==> flow/design.v <==
module full_adder (
  input logic a,
  input logic b,
  input logic ci,
  output logic s,
  output logic co
);
  assign {co, s} = a + b + ci;
endmodule
module u_add_sub_stage #(
  parameter WD = 18
) (
  input  logic clk,
  input  logic [WD-1:0] A,
  input  logic [WD-1:0] B,
  input  logic dir,
  output logic [WD-1:0] diff,
  output logic cout
);
  logic [WD-1:0] A_s;
  logic [WD-1:0] B_s;
  logic dir_s;
  always_ff @(posedge clk) begin
    A_s <= A;
    B_s <= B;
    dir_s <= dir;
  end
  logic [WD-1:0] tmp;
  logic [WD:0] cy;
  assign cy[0] = dir_s;
  generate
    for (genvar ii = 0; ii < WD; ii++) begin : g_bit
      full_adder inst (.a(A_s[ii]), .b(B_s[ii] ^ dir_s), .ci(cy[ii]), .s(tmp[ii]), .co(cy[ii+1]));
    end
  endgenerate
  assign diff = tmp;
  assign cout = cy[WD];
endmodule
Step by step through the tools: u_add_sub_stage. Tool output for the design above, in the order of the flow. Line numbers count from 1 in the design file above. A cell with -- has no value.

Top module: u_add_sub_stage. Clock input: clk. Library: sky130hd. Timing corner: tt_025C_1v80.

Word-level counts. Source: Yosys, flattened and elaborated, memories not mapped. Widths are those after wreduce; folded enables and synchronous resets count as part of the registers. Registers that Yosys merges into a memory's read port (data or address) are not register bits. Print and check cells do not count. Equal cells are merged and count once.

For flip-flop bits (word level) the number is 37. Under input port bits stands 38. The entry for output and inout bits reads 19. The figure for word-level cells is 57.

Under $add $sub $neg stands 36. Under bitwise gates (word level) stands 18.

Operators by type and width (number): 1-bit by 1-bit adder with 2-bit output (18); 2-bit by 1-bit adder with 2-bit output (18); 1-bit XOR (18).

Logic depth. Depth = most cells in a row (Yosys ltp): at word level without a register or memory, in the mapped netlist without a sequential cell, where the memories' decode and read muxes count.

The figure for depth in word-level cells is 20. Under ABC_AREA stands 0. For gate-level depth with buffers the number is 22. Gate-level depth less buffers: 20.

Mapped cells and area. Yosys stat after the flow's synthesis: flattened, memories mapped to cells. It holds for the ABC_AREA given above (unset counts as 0); a run with the other value may have another netlist.

The figure for cells in the netlist is 125. Under chip area (Yosys) stands 0.0015365 mm^2. The entry for sequential area reads 0.0007407 mm^2. For flip-flops the number is 37. For buffer cells the number is 20.

Cell types: sky130_fd_sc_hd__dfxtp_1 (number 37, total area 740.71 um^2); sky130_fd_sc_hd__fa_1 (number 17, total area 340.326 um^2); sky130_fd_sc_hd__buf_4 (number 18, total area 135.13 um^2); sky130_fd_sc_hd__xnor2_1 (number 15, total area 131.376 um^2); sky130_fd_sc_hd__inv_1 (number 32, total area 120.115 um^2); sky130_fd_sc_hd__xor2_1 (number 3, total area 26.275 um^2); sky130_fd_sc_hd__buf_12 (number 1, total area 20.019 um^2); sky130_fd_sc_hd__buf_6 (number 1, total area 11.261 um^2); sky130_fd_sc_hd__mux2_2 (number 1, total area 11.261 um^2).

By module: a second synthesis without flattening, with its own total; a netlist apart from the flattened one above.

The entry for cells (unflattened synthesis) reads 75. Under area total of the unflattened synthesis stands 0.00129 mm^2.

Each row is one instance without its submodules.

Modules: u_add_sub_stage (instances 1, cells 57, area 0.0009296 mm^2, sequential area 0.0007407 mm^2); full_adder (instances 18, cells 1, area 0.00002 mm^2, sequential area 0 mm^2).

Timing after synthesis. Source: OpenSTA report_checks on the synthesized netlist (no wires, ideal clock, input and output delay 20% of the period each), path of least setup slack; recovery checks are left aside. Register names are those of the netlist, which keeps one name where synthesis merged equal registers.

Path kind: register -> output. Start: register dir_s. End: output port diff[17]. Under period stands 12000 ps. The figure for output delay is 2400 ps. Under time at the first pin stands 0 ps. The entry for arrival reads 7704 ps. The figure for required time is 9600 ps. The figure for path slack is 1896 ps. For path delay the number is 7704 ps. For driving pins on the path the number is 23. The figure for path buffers is 2. The entry for synthesis period reached reads 10104 ps.

"path delay" = arrival - input delay + setup time. At an output port there is no setup time. "driving pins on the path" counts driving pins, that of a launching flip-flop among them; a cell with two outputs on the path counts twice. "synthesis period reached" = period - worst setup slack (recovery checks aside). The figure is calculated, with input and output delays left at 20% of the set period. The rows between start and end are the longest chain of elaborated cells between them; the timing report does not say that the signal goes this way. Where chains are equally long, one stands for them. Each line given opens the expression or statement behind the cell; cells for indexed reads and writes are added by Yosys, which also makes memories of some case tables.

Path through: sky130_fd_sc_hd__dfxtp_1 -> sky130_fd_sc_hd__buf_6 -> sky130_fd_sc_hd__xor2_1 -> sky130_fd_sc_hd__fa_1 -> sky130_fd_sc_hd__inv_1 -> sky130_fd_sc_hd__fa_1 -> sky130_fd_sc_hd__fa_1 -> sky130_fd_sc_hd__fa_1 -> sky130_fd_sc_hd__fa_1 -> sky130_fd_sc_hd__fa_1 -> sky130_fd_sc_hd__fa_1 -> sky130_fd_sc_hd__fa_1 -> sky130_fd_sc_hd__fa_1 -> sky130_fd_sc_hd__fa_1 -> sky130_fd_sc_hd__fa_1 -> sky130_fd_sc_hd__fa_1 -> sky130_fd_sc_hd__fa_1 -> sky130_fd_sc_hd__fa_1 -> sky130_fd_sc_hd__fa_1 -> sky130_fd_sc_hd__fa_1 -> sky130_fd_sc_hd__inv_1 -> sky130_fd_sc_hd__fa_1 -> sky130_fd_sc_hd__buf_4. The entry for length of the longest elaborated chain reads 20. For elaborated cells on any way between the ends the number is 54. For RTL lines with such cells the number is 2. Classes of those cells: 36 x add/sub; 18 x logic.

Ends and longest elaborated chain, after synthesis: start: declaration (RTL line 22) `logic dir_s;`; start: assignment (RTL line 26) `dir_s <= dir;`; 1-bit XOR (RTL line 33) `full_adder inst (.a(A_s[ii]), .b(B_s[ii] ^ dir_s), .ci(cy[ii]), .s(tmp[ii]), .co(cy[ii+1]));`; 1-bit by 1-bit adder with 2-bit output (RTL line 8) `assign {co, s} = a + b + ci;`; 2-bit by 1-bit adder with 2-bit output (18 in a row) (RTL line 8); end: declaration (RTL line 17) `output logic [WD-1:0] diff,`.

Nets of the timed path that keep an RTL name, with a line that drives or declares them; the list need not be complete.

Named nets, after synthesis (RTL line): g_bit[17].inst.s (8).

Timing after layout. From the final timing report of run 1: the path of least setup slack in the routed layout; clock arrival at registers is part of the times. The path's times are printed in steps of 10 ps; the period is the one set.

Path kind: register -> output. Start: register dir_s. End: output port diff[17]. Under period stands 12000 ps. The figure for output delay is 2400 ps. Under time at the first pin stands 270 ps. The entry for arrival reads 8660 ps. The figure for required time is 9600 ps. The figure for path slack is 940 ps. For driving pins on the path the number is 22. The figure for path buffers is 1.

The rows between start and end are the longest chain of elaborated cells between them; the timing report does not say that the signal goes this way. Where chains are equally long, one stands for them.

Path through: sky130_fd_sc_hd__dfxtp_1 -> sky130_fd_sc_hd__xor2_1 -> sky130_fd_sc_hd__fa_1 -> sky130_fd_sc_hd__inv_1 -> sky130_fd_sc_hd__fa_1 -> sky130_fd_sc_hd__fa_1 -> sky130_fd_sc_hd__fa_1 -> sky130_fd_sc_hd__fa_1 -> sky130_fd_sc_hd__fa_1 -> sky130_fd_sc_hd__fa_1 -> sky130_fd_sc_hd__fa_1 -> sky130_fd_sc_hd__fa_1 -> sky130_fd_sc_hd__fa_1 -> sky130_fd_sc_hd__fa_1 -> sky130_fd_sc_hd__fa_1 -> sky130_fd_sc_hd__fa_1 -> sky130_fd_sc_hd__fa_1 -> sky130_fd_sc_hd__fa_1 -> sky130_fd_sc_hd__fa_1 -> sky130_fd_sc_hd__inv_1 -> sky130_fd_sc_hd__fa_1 -> sky130_fd_sc_hd__clkdlybuf4s50_1. The entry for length of the longest elaborated chain reads 20. For elaborated cells on any way between the ends the number is 54. For RTL lines with such cells the number is 2. Classes of those cells: 36 x add/sub; 18 x logic.

Ends and longest elaborated chain, post-layout: start: declaration (RTL line 22) `logic dir_s;`; start: assignment (RTL line 26) `dir_s <= dir;`; 1-bit XOR (RTL line 33) `full_adder inst (.a(A_s[ii]), .b(B_s[ii] ^ dir_s), .ci(cy[ii]), .s(tmp[ii]), .co(cy[ii+1]));`; 1-bit by 1-bit adder with 2-bit output (RTL line 8) `assign {co, s} = a + b + ci;`; 2-bit by 1-bit adder with 2-bit output (18 in a row) (RTL line 8); end: declaration (RTL line 17) `output logic [WD-1:0] diff,`.

# Flow runs of u_add_sub_stage

u_add_sub_stage through Yosys and OpenROAD on sky130hd: 3 stored runs, unordered, with their settings and measured results. The constraints put input and output delay at 20% of the set period each and load the outputs with 0.01 pF. "period achieved" is the run's clock period less its worst setup slack. It is reckoned from that one timing run; input and output delays stay at 20% of the period that was set. "critical setup path time": the worst setup path's part of the clock period (all of it between registers, 20% less for each end at a port) less its slack. A launch clock that arrives late makes it longer, a capture clock that arrives late makes it shorter. "total power after layout": no workload was simulated; the value follows from the tool's default switching activity. "critical setup path time" is given in steps of 10 ps.

Run 1 has these settings: period_ns 12.0; CAP_MARGIN 20; CORE_MARGIN 2; CORE_UTILIZATION 40; SLEW_MARGIN 20. The chip area in the Yosys report comes to 0.0015365 mm^2. The die footprint reads 0.0043527 mm^2. The std-cell area (final layout) reads 0.0020845 mm^2. The final design utilization reads 56.5 %. The worst setup slack after layout is 943 ps. The measured setup TNS is 0 ps. The lowest hold slack is 2562 ps. The measured total power after layout is 307.6 uW. The period achieved stands at 11057 ps. The measured critical setup path time is 8660 ps. Worst path kind: register -> output.

Run 2 has these settings: period_ns 8.84; CORE_UTILIZATION 27; PLACE_DENSITY_LB_ADDON 0.21; CORE_MARGIN 10; TNS_END_PERCENT 95; GPL_TIMING_DRIVEN 0; SLEW_MARGIN 25; MAX_ROUTING_LAYER met5; CAP_MARGIN 20. The chip area in the Yosys report comes to 0.0015365 mm^2. The die footprint reads 0.0091078 mm^2. The std-cell area (final layout) reads 0.0023472 mm^2. The final design utilization reads 42.6 %. The worst setup slack after layout is -315 ps. The measured setup TNS is -315 ps. The lowest hold slack is 1912 ps. The measured total power after layout is 496.1 uW. The period achieved stands at 9155 ps. The measured critical setup path time is 7390 ps. Worst path kind: register -> output.

Run 3 has these settings: period_ns 13.8; CORE_UTILIZATION 68; SETUP_SLACK_MARGIN -1.09; PLACE_DENSITY_LB_ADDON 0.24; HOLD_SLACK_MARGIN 0.27; CORE_MARGIN 3; CELL_PAD_IN_SITES_DETAIL_PLACEMENT 2; ABC_AREA 0; CAP_MARGIN 20; SLEW_MARGIN 20. Outcome: no final report: placement broke off with FLW-0024.
